==> flow/design.v <==
module ex_compare_mod #(
  parameter W = 12
) (
  input wire core_clk,
  input wire rst_ni,
  input wire [W-1:0] da,
  input wire [W-1:0] db,
  output reg a_lt_b,
  output reg a_eq_b
);
  reg [W-1:0] da_reg;
  reg [W-1:0] db_reg;
  always @(posedge core_clk) begin
    if (!rst_ni) begin
      da_reg <= 0;
      db_reg <= 0;
    end else begin
      da_reg <= da;
      db_reg <= db;
    end
  end
  wire [W:0] r;
  assign r = {1'b0, da_reg} - {1'b0, db_reg};
  always @(posedge core_clk) begin
    if (!rst_ni) begin
      a_lt_b <= 1'b0;
      a_eq_b <= 1'b0;
    end else begin
      a_lt_b <= r[W];
      a_eq_b <= ~|r[W-1:0];
    end
  end
endmodule
# --- From RTL to reports: ex_compare_mod ---
# Tool output for the design above, in the order of the flow.
# Line numbers count from 1 in the design file above.
# Operators: Yosys type, input widths -> output width; for muxes data width and select width s.
# Cell names lack the library's common part.
inputs:
  top: "ex_compare_mod"
  clock_port: "core_clk"
  lib: "sky130hd"
  pvt_corner: "tt_025C_1v80"

# --- After elaboration ---
# Source: Yosys, flattened and elaborated, memories not mapped. Widths are those after wreduce; folded enables and synchronous resets count as part of the registers. Registers that Yosys merges into a memory's read port (data or address) are not register bits. Print and check cells do not count. Equal cells are merged and count once.
word_totals:
  output_inout_bits: 2
  register_bits: 26
  word_cells: 7
  inputBits: 26
classes:
  addsub: 1
  n_reduce_logical: 2
op_table:
  columns: ["op", "n"]
  rows:
  - ["$sub 12x12->13", 1]
  - ["$reduce_or 12->1", 1]
  - ["$logic_not 1->1", 1]

# --- Logic depth ---
# Yosys ltp: most cells in a row. Word level: on the elaborated netlist, between registers, memories and ports. Mapped: between sequential cells and ports; inverters and the memories' decode and read muxes count.
depth:
  ltp_word: 3
  abc_area: 0
  ltp_mapped: 9
  depth_no_buf: 9

# --- Synthesis result ---
# Source: synth_stat.txt of the flow (Yosys; design flattened, memories mapped). It holds for the ABC_AREA given above (unset counts as 0); a run with the other value may have another netlist.
mapped:
  ff_cells: 26
  seq_area_um2: 520.5
  cells: 156
  buf_cells: 3
  mapped_area_um2: 1402.6
types:
  columns: ["cell_type", "n", "type_area_um2"]
  rows:
  - ["dfxtp_1", 26, 520.499]
  - ["and2_1", 24, 150.144]
  - ["ha_1", 12, 150.144]
  - ["inv_1", 16, 60.058]
  - ["a21oi_1", 9, 45.043]
  - ["a221oi_2", 2, 30.029]
  - ["nor2_1", 8, 30.029]
  - ["o21ai_0", 6, 30.029]
  - ["nand2b_1", 4, 25.024]
  - ["nor2b_1", 4, 25.024]
  - ["nand2_1", 6, 22.522]
  - ["fa_1", 1, 20.019]
  - ["mux2i_1", 2, 20.019]
  - ["a21oi_4", 1, 16.266]
  - ["a2111oi_2", 1, 15.014]
  - ["nand3_1", 3, 15.014]
  - ["nor3_1", 3, 15.014]
  - ["nor3b_1", 2, 15.014]
# Other cell types: 22; their cells: 26.

# --- Path before layout ---
# OpenSTA on the mapped netlist: ideal clock, no wires. The path of least setup slack (recovery checks aside). Input and output delay are each 20% of the period. Register names are those of the netlist, which keeps one name where synthesis merged equal registers.
synth_timing:
  path_kind: "register -> register"
  start: "register da_reg[0]"
  end: "register a_eq_b"
  arrival_ns: 1.940
  setup_time_ns: 0.103
  setup_slack_ns: 0.506
  launch_ns: 0.000
  required_ns: 2.447
  delay_ns: 2.043
  driving_pins: 10
  n_path_buf: 0
  period_ns: 2.55
  synth_period_reached_ns: 2.044
# "delay_ns" is the arrival time less input delay plus setup time.
# "driving_pins" counts driving pins, that of a launching flip-flop among them; a cell with two outputs on the path counts twice.
# "synth_period_reached_ns" is the clock period less the worst setup slack; recovery checks do not enter. This is arithmetic on one report: input and output delays are still those of the set period (20% each).
# Between the ends stands the longest chain of elaborated cells between them, by number of cells; it is not shown to be the way that was timed. Of several equally long chains one is given.
# Each line given opens the expression or statement behind the cell; cells for indexed reads and writes are added by Yosys, which also makes memories of some case tables.
synth_via:
  cell_sequence: "dfxtp_1 inv_1 ha_1 fa_1 nand3_1 a221oi_2 nand4_1 nor4_2 nand4_1 a2111oi_2"
  elab_chain_len: 3
  cone_cells: 3
  cone_lines: 2
  cone_classes: "add/sub: 1; reduce/logical: 2"
synth_rtl:
  columns: ["element", "line", "source"]
  rows:
  - ["from (decl)", 11, "reg [W-1:0] da_reg;"]
  - ["from (assign)", 15, "da_reg <= 0;"]
  - ["from (assign)", 18, "da_reg <= da;"]
  - ["$sub 12x12->13", 23, "assign r = {1'b0, da_reg} - {1'b0, db_reg};"]
  - ["$reduce_or 12->1", 30, "a_eq_b <= ~|r[W-1:0];"]
  - ["$logic_not 1->1", 30, null]
  - ["to (assign)", 27, "a_eq_b <= 1'b0;"]
  - ["to (assign)", 30, null]
  - ["to (decl)", 9, "output reg a_eq_b"]

# --- Worst path after layout ---
# From the final timing report of run 1: the path of least setup slack in the routed layout; clock arrival at registers is part of the times.
layout_timing:
  path_kind: "input -> register"
  start: "input port rst_ni"
  end: "register a_eq_b"
  required_ns: 4.22
  period_ns: 4.05
  driving_pins: 8
  in_delay_ns: 0.81
  launch_ns: 0.81
  setup_time_ns: 0.09
  n_path_buf: 2
  setup_slack_ns: 1.67
  arrival_ns: 2.55
layout_via:
  cell_sequence: "clkdlybuf4s50_1 buf_4 nand3_1 a221oi_2 nand4_1 nor4_2 nand4_1 a2111oi_2"
layout_rtl:
  columns: ["element", "line", "source"]
  rows:
  - ["from (decl)", 5, "input wire rst_ni,"]
  - ["to (assign)", 27, "a_eq_b <= 1'b0;"]
  - ["to (assign)", 30, "a_eq_b <= ~|r[W-1:0];"]
  - ["to (decl)", 9, "output reg a_eq_b"]
# No chain of elaborated cells between the ends is given.

# Design ex_compare_mod on sky130hd. What follows are 3 stored runs of the flow, each under its own settings; their order means nothing. The constraints put input and output delay at 20% of the set period each and load the outputs with 0.01 pF.
# "achieved_clock_period_ns": clock period set for the run, less the worst setup slack. It is reckoned from that one timing run; input and output delays stay at 20% of the period that was set.
# "worstPathTime_ns" means the part of the period allowed to the worst setup path (the constraints hold back 20% at inputs and 20% at outputs) less its slack; where the path has registers, the arrival times of their clocks count too.
# By "totalPower_uw" is meant OpenSTA's value without simulated activity: inputs other than the clock are taken to toggle once in ten clock periods, and the tool carries that through the logic.
runs:
  - name: "run 1"
    settings:
      period_ns: 4.05
      CORE_UTILIZATION: 30
      HOLD_SLACK_MARGIN: -0.07
      CELL_PAD_IN_SITES_GLOBAL_PLACEMENT: 1
      GPL_ROUTABILITY_DRIVEN: 0
      CTS_CLUSTER_SIZE: 64
      CTS_CLUSTER_DIAMETER: 313
      CAP_MARGIN: 30
      SLEW_MARGIN: 10
      MIN_ROUTING_LAYER: "met1"
      CORE_MARGIN: 2
    results:
      post_synth_area_um2: 1402.6
      final_die_area_um2: 5238.1
      stdcell_area_um2: 1788.0
      util_frac: 0.405
      setup_worst_slack_ns: 1.671
      timing.setup.tns_ns: 0.000
      fin_hold_ws_ns: 0.629
      totalPower_uw: 587.2
      achieved_clock_period_ns: 2.379
      worstPathTime_ns: 1.57
      worst_setup_path_type: "input -> register"
  - name: "run 2"
    settings:
      period_ns: 1.65
      CORE_UTILIZATION: 39
      SETUP_SLACK_MARGIN: 0.13
      PLACE_DENSITY_LB_ADDON: 0.29
      CORE_ASPECT_RATIO: 1.69
      CORE_MARGIN: 10
      CELL_PAD_IN_SITES_DETAIL_PLACEMENT: 1
      GPL_TIMING_DRIVEN: 1
      GPL_ROUTABILITY_DRIVEN: 1
      CAP_MARGIN: 20
      SLEW_MARGIN: 35
    results:
      post_synth_area_um2: 1402.6
      final_die_area_um2: 6478.1
      stdcell_area_um2: 1976.9
      util_frac: 0.564
      setup_worst_slack_ns: -0.379
      timing.setup.tns_ns: -0.556
      fin_hold_ws_ns: 0.619
      totalPower_uw: 1496
      achieved_clock_period_ns: 2.029
      worstPathTime_ns: 2.03
      worst_setup_path_type: "register -> register"
  - name: "run 3"
    settings:
      period_ns: 2.55
      CAP_MARGIN: 20
      CORE_MARGIN: 2
      CORE_UTILIZATION: 40
      SLEW_MARGIN: 20
    results:
      post_synth_area_um2: 1402.6
      final_die_area_um2: 3996.1
      stdcell_area_um2: 1761.7
      util_frac: 0.524
      setup_worst_slack_ns: 0.371
      timing.setup.tns_ns: 0.000
      fin_hold_ws_ns: 0.626
      totalPower_uw: 874.7
      achieved_clock_period_ns: 2.179
      worstPathTime_ns: 2.18
      worst_setup_path_type: "register -> register"
